==> flow/design.v <==
module cpu_mul_core_blk #(
    parameter integer DWIDTH = 56,
    parameter integer KVAL = 683,
    parameter integer RW = DWIDTH + $clog2(KVAL + 1)
) (
    input  core_clk,
    input  rst_n,
    input  [DWIDTH-1:0] in_A,
    output [RW-1:0] out_prod
);
    reg [DWIDTH-1:0] r_A;
    reg [RW-1:0] r_prod;
    always @(posedge core_clk or negedge rst_n) begin
        if (!rst_n) begin
            r_A <= 0;
            r_prod <= 0;
        end else begin
            r_A <= in_A;
            r_prod <= r_A * KVAL;
        end
    end
    assign out_prod = r_prod;
endmodule
-- Reports on cpu_mul_core_blk
The steps from the RTL of cpu_mul_core_blk to its reports follow in flow order.
Line numbers count from 1 in the design file above.
Cell names lack the library's common part.
Not given: n/a
- top module: cpu_mul_core_blk
- clock port: core_clk
- standard-cell library: sky130hd
- timing corner: tt_025C_1v80

-- Elaborated design
Yosys after proc, flatten, opt, wreduce and memory -nomap, before mapping. Enables and synchronous resets that opt folds into registers are not counted as muxes. Memory bits, and registers merged into a memory's read port (data or address), are not among the register bits. Print and check cells are not counted. Equal cells are merged and count once.
- memories at 0
- noted ROM bits: 0
- bits in writable memories: 0
- noted bits of input ports: 58
- clocked read ports x word width at 0
- output and inout port bits at 66
- register bits after elaboration at 122
- bits in latches: 0
- eq/ne operators: 0
- bitwise gates (word level) at 0
- reduce/logical cells at 0
- noted mux-type cells: 0
- shift-type cells at 0
- add/sub/neg operators at 0
- noted divide/modulo/power cells: 0
- magnitude comparators: 0
- multipliers at 1
- operators by type and width (kind ; number):
    multiplier 56 x 10 -> 66 bit (second input constant) ; 1

-- Longest topological paths
Yosys ltp: most cells in a row. Word level: on the elaborated netlist, between registers, memories and ports. Mapped: between sequential cells and ports; inverters and the memories' decode and read muxes count.
- depth after elaboration at 1
- noted ABC_AREA: 0
- mapped depth: 20
- noted gate-level depth less buffers: 19

-- Mapped cells and area
The flow's flattened synthesis, as Yosys stat reports it; memories are mapped. The netlist is that of the ABC_AREA named above (0 if unset); the other value can give another one.
Totals and module areas in this step are rounded.
- noted flip-flops: 122
- noted sequential part of the area: 3050 sq um
- noted mapped cells: 1391
- mapped area at 14100 sq um
- buffer cells at 26
- cell types (type ; number ; total area (sq um)):
    fa_1 ; 205 ; 4.1E+03
    dfrtp_1 ; 122 ; 3.05E+03
    ha_1 ; 202 ; 2.53E+03
    inv_1 ; 390 ; 1.46E+03
    a21oi_1 ; 73 ; 365.35
    a21o_1 ; 47 ; 352.838
    xnor2_1 ; 37 ; 324.061
    xor2_1 ; 27 ; 236.477
    nand2_1 ; 48 ; 180.173
    nor2_1 ; 32 ; 120.115
    nand4_1 ; 19 ; 118.864
    o21ai_0 ; 19 ; 95.091
    o21ai_1 ; 18 ; 90.086
    nand3_1 ; 15 ; 75.072
    o21a_1 ; 9 ; 67.565
    o21bai_1 ; 9 ; 67.565
    clkbuf_1 ; 16 ; 60.058
    a31oi_1 ; 9 ; 56.304
Other cell types: 42; their cells: 94.

-- Path before layout
OpenSTA on the mapped netlist: ideal clock, no wires. The path of least setup slack (recovery checks aside). Input and output delay are each 20% of the period. Register names are those of the netlist, which keeps one name where synthesis merged equal registers.
- path type: register to register
- from: register r_A[1]
- to: register r_prod[65]
- delay of the path: 5.058 ns
- noted setup time: 0.125 ns
- setup slack at 1.262 ns
- buffers on the path: 1
- driving pins on the path: 19
- noted arrival: 4.933 ns
- noted period: 6.32 ns
- launch time at the first pin at 0.000 ns
- data required time: 6.195 ns
- period reached after synthesis at 5.058 ns
"delay of the path" = arrival - input delay + setup time.
"driving pins on the path" counts driving pins, that of a launching flip-flop among them; a cell with two outputs on the path counts twice.
"period reached after synthesis" = period - worst setup slack (recovery checks aside). The figure is calculated, with input and output delays left at 20% of the set period.
The rows between start and end are the longest chain of elaborated cells between them; the timing report does not say that the signal goes this way. Where chains are equally long, one stands for them.
Each line given opens the expression or statement behind the cell; cells for indexed reads and writes are added by Yosys, which also makes memories of some case tables.
- cell sequence: dfrtp_1 > ha_1 > fa_1 > inv_1 > fa_1 > fa_1 > fa_1 > inv_1 > ha_1 > buf_6 > nand4_2 > nor3_2 > a21oi_2 > or4_4 > and3_4 > o2111a_2 > o31ai_1 > a21oi_1 > xnor2_1
- cells in the longest elaborated chain: 1
- elaborated cells between the ends (all ways) at 1
- RTL lines with such cells at 1
- those cells by class: mul (1)
- RTL lines, path after synthesis (what ; line ; text):
    start, declared ; 11 ; reg [DWIDTH-1:0] r_A;
    start, assigned ; 15 ; r_A <= 0;
    start, assigned ; 18 ; r_A <= in_A;
    multiplier 56 x 10 -> 66 bit ; 19 ; r_prod <= r_A * KVAL;
    end, assigned ; 16 ; r_prod <= 0;
    end, assigned ; 19 ;
    end, declared ; 12 ; reg [RW-1:0] r_prod;

-- Timing after layout
From the final timing report of stored run 1: the path of least setup slack in the routed layout; clock arrival at registers is part of the times.
- path type: register to register
- from: register r_A[1]
- to: register r_prod[55]
- launch time at the first pin at 0.44 ns
- noted arrival: 6.07 ns
- noted setup time: 0.12 ns
- buffers on the path: 0
- driving pins on the path: 18
- setup slack at 0.57 ns
- noted period: 6.32 ns
- data required time: 6.64 ns
The rows between start and end are the longest chain of elaborated cells between them; the timing report does not say that the signal goes this way. Where chains are equally long, one stands for them.
- cell sequence: dfrtp_1 > ha_1 > fa_1 > inv_1 > fa_1 > fa_1 > fa_1 > inv_1 > ha_1 > nand4_2 > nor3_2 > a21oi_1 > o21ai_1 > a21oi_1 > o31ai_1 > a41o_1 > o221ai_1 > xnor2_1
- cells in the longest elaborated chain: 1
- elaborated cells between the ends (all ways) at 1
- RTL lines with such cells at 1
- those cells by class: mul (1)
- RTL lines, path after layout (what ; line ; text):
    start, declared ; 11 ; reg [DWIDTH-1:0] r_A;
    start, assigned ; 15 ; r_A <= 0;
    start, assigned ; 18 ; r_A <= in_A;
    multiplier 56 x 10 -> 66 bit ; 19 ; r_prod <= r_A * KVAL;
    end, assigned ; 16 ; r_prod <= 0;
    end, assigned ; 19 ;
    end, declared ; 12 ; reg [RW-1:0] r_prod;

Memo
Re: implementation data of cpu_mul_core_blk

Record of 3 stored runs of the RTL-to-layout flow on cpu_mul_core_blk, platform sky130hd. The runs are unordered. Constraints: input delay and output delay 20% of the set period each, output load 0.01 pF.
"period achieved" = clock period - worst setup slack. The figure is calculated, with input and output delays left at 20% of the set period.
By "time on the worst setup path" is meant the share of the clock period that the worst setup path is allowed (20% is reserved at inputs, 20% at outputs), minus its slack. Clock arrival times at its registers enter into it.
The measured numbers are rounded.

Stored run 1

==> flow/run.sh <==
#!/bin/bash
# the make line also repeats the synthesis and layout settings of config.mk as NAME=value (left out here)
make -C /OpenROAD-flow-scripts/flow DESIGN_CONFIG=/design/flow/config.mk WORK_HOME=/design/flow/orfs CLKGATE_MAP_FILE= finish
==> flow/config.mk <==
export PLATFORM = sky130hd
export DESIGN_NAME = cpu_mul_core_blk
export DESIGN_NICKNAME = cpu_mul_core_blk
export VERILOG_FILES = /design/flow/design.v
export SDC_FILE = /design/flow/constraint.sdc
export NUM_CORES = 4
export LEC_CHECK = 0
export CAP_MARGIN = 20
export CORE_MARGIN = 2
export CORE_UTILIZATION = 40
export SLEW_MARGIN = 20
==> flow/constraint.sdc <==
create_clock -name core_clock -period 6.32 [get_ports {core_clk}]
set_input_delay 1.2640 -clock core_clock [delete_from_list [all_inputs] [get_ports {core_clk}]]
set_output_delay 1.2640 -clock core_clock [all_outputs]
set_load 0.01 [all_outputs]

Measured in stored run 1:
- noted the area of the synthesized netlist: 14100 sq um
- total negative slack: 0.000 ns
- utilization at 47.2 %
- time on the worst setup path at 5.75 ns
- kind of the worst setup path: register to register
- noted the worst setup slack after layout: 0.572 ns
- post-route worst hold slack: 0.487 ns
- noted the total die area: 36800 sq um
- standard-cell area of the final layout at 16300 sq um
- noted the period achieved: 5.748 ns

Stored run 2

==> flow/run.sh <==
#!/bin/bash
# the make line also repeats the synthesis and layout settings of config.mk as NAME=value (left out here)
make -C /OpenROAD-flow-scripts/flow DESIGN_CONFIG=/design/flow/config.mk WORK_HOME=/design/flow/orfs CLKGATE_MAP_FILE= finish
==> flow/config.mk <==
export PLATFORM = sky130hd
export DESIGN_NAME = cpu_mul_core_blk
export DESIGN_NICKNAME = cpu_mul_core_blk
export VERILOG_FILES = /design/flow/design.v
export SDC_FILE = /design/flow/constraint.sdc
export NUM_CORES = 4
export LEC_CHECK = 0
export ABC_AREA = 1
export CAP_MARGIN = 25
export CELL_PAD_IN_SITES_DETAIL_PLACEMENT = 0
export CORE_MARGIN = 2
export CORE_UTILIZATION = 20
export CTS_CLUSTER_DIAMETER = 287
export CTS_CLUSTER_SIZE = 46
export GPL_ROUTABILITY_DRIVEN = 0
export PLACE_DENSITY_LB_ADDON = 0.06
export SLEW_MARGIN = 40
export TNS_END_PERCENT = 20
==> flow/constraint.sdc <==
create_clock -name core_clock -period 7.27 [get_ports {core_clk}]
set_input_delay 1.4540 -clock core_clock [delete_from_list [all_inputs] [get_ports {core_clk}]]
set_output_delay 1.4540 -clock core_clock [all_outputs]
set_load 0.01 [all_outputs]

Measured in stored run 2:
- noted the area of the synthesized netlist: 16200 sq um
- total negative slack: 0.000 ns
- utilization at 24.1 %
- time on the worst setup path at 5.28 ns
- kind of the worst setup path: register to register
- noted the worst setup slack after layout: 1.99 ns
- post-route worst hold slack: 0.546 ns
- noted the total die area: 83500 sq um
- standard-cell area of the final layout at 19400 sq um
- noted the period achieved: 5.281 ns

Stored run 3

==> flow/run.sh <==
#!/bin/bash
# the make line also repeats the synthesis and layout settings of config.mk as NAME=value (left out here)
make -C /OpenROAD-flow-scripts/flow DESIGN_CONFIG=/design/flow/config.mk WORK_HOME=/design/flow/orfs CLKGATE_MAP_FILE= finish
==> flow/config.mk <==
export PLATFORM = sky130hd
export DESIGN_NAME = cpu_mul_core_blk
export DESIGN_NICKNAME = cpu_mul_core_blk
export VERILOG_FILES = /design/flow/design.v
export SDC_FILE = /design/flow/constraint.sdc
export NUM_CORES = 4
export LEC_CHECK = 0
export CAP_MARGIN = 10
export CELL_PAD_IN_SITES_DETAIL_PLACEMENT = 2
export CORE_MARGIN = 2
export CORE_UTILIZATION = 66
export CTS_CLUSTER_DIAMETER = 200
export CTS_CLUSTER_SIZE = 66
export HOLD_SLACK_MARGIN = 0.02
export MAX_ROUTING_LAYER = met4
export PLACE_DENSITY_LB_ADDON = 0.19
export SLEW_MARGIN = 20
==> flow/constraint.sdc <==
create_clock -name core_clock -period 9.6 [get_ports {core_clk}]
set_input_delay 1.9200 -clock core_clock [delete_from_list [all_inputs] [get_ports {core_clk}]]
set_output_delay 1.9200 -clock core_clock [all_outputs]
set_load 0.01 [all_outputs]

Stored run 3: unfinished; error DPL-0033 in placement.
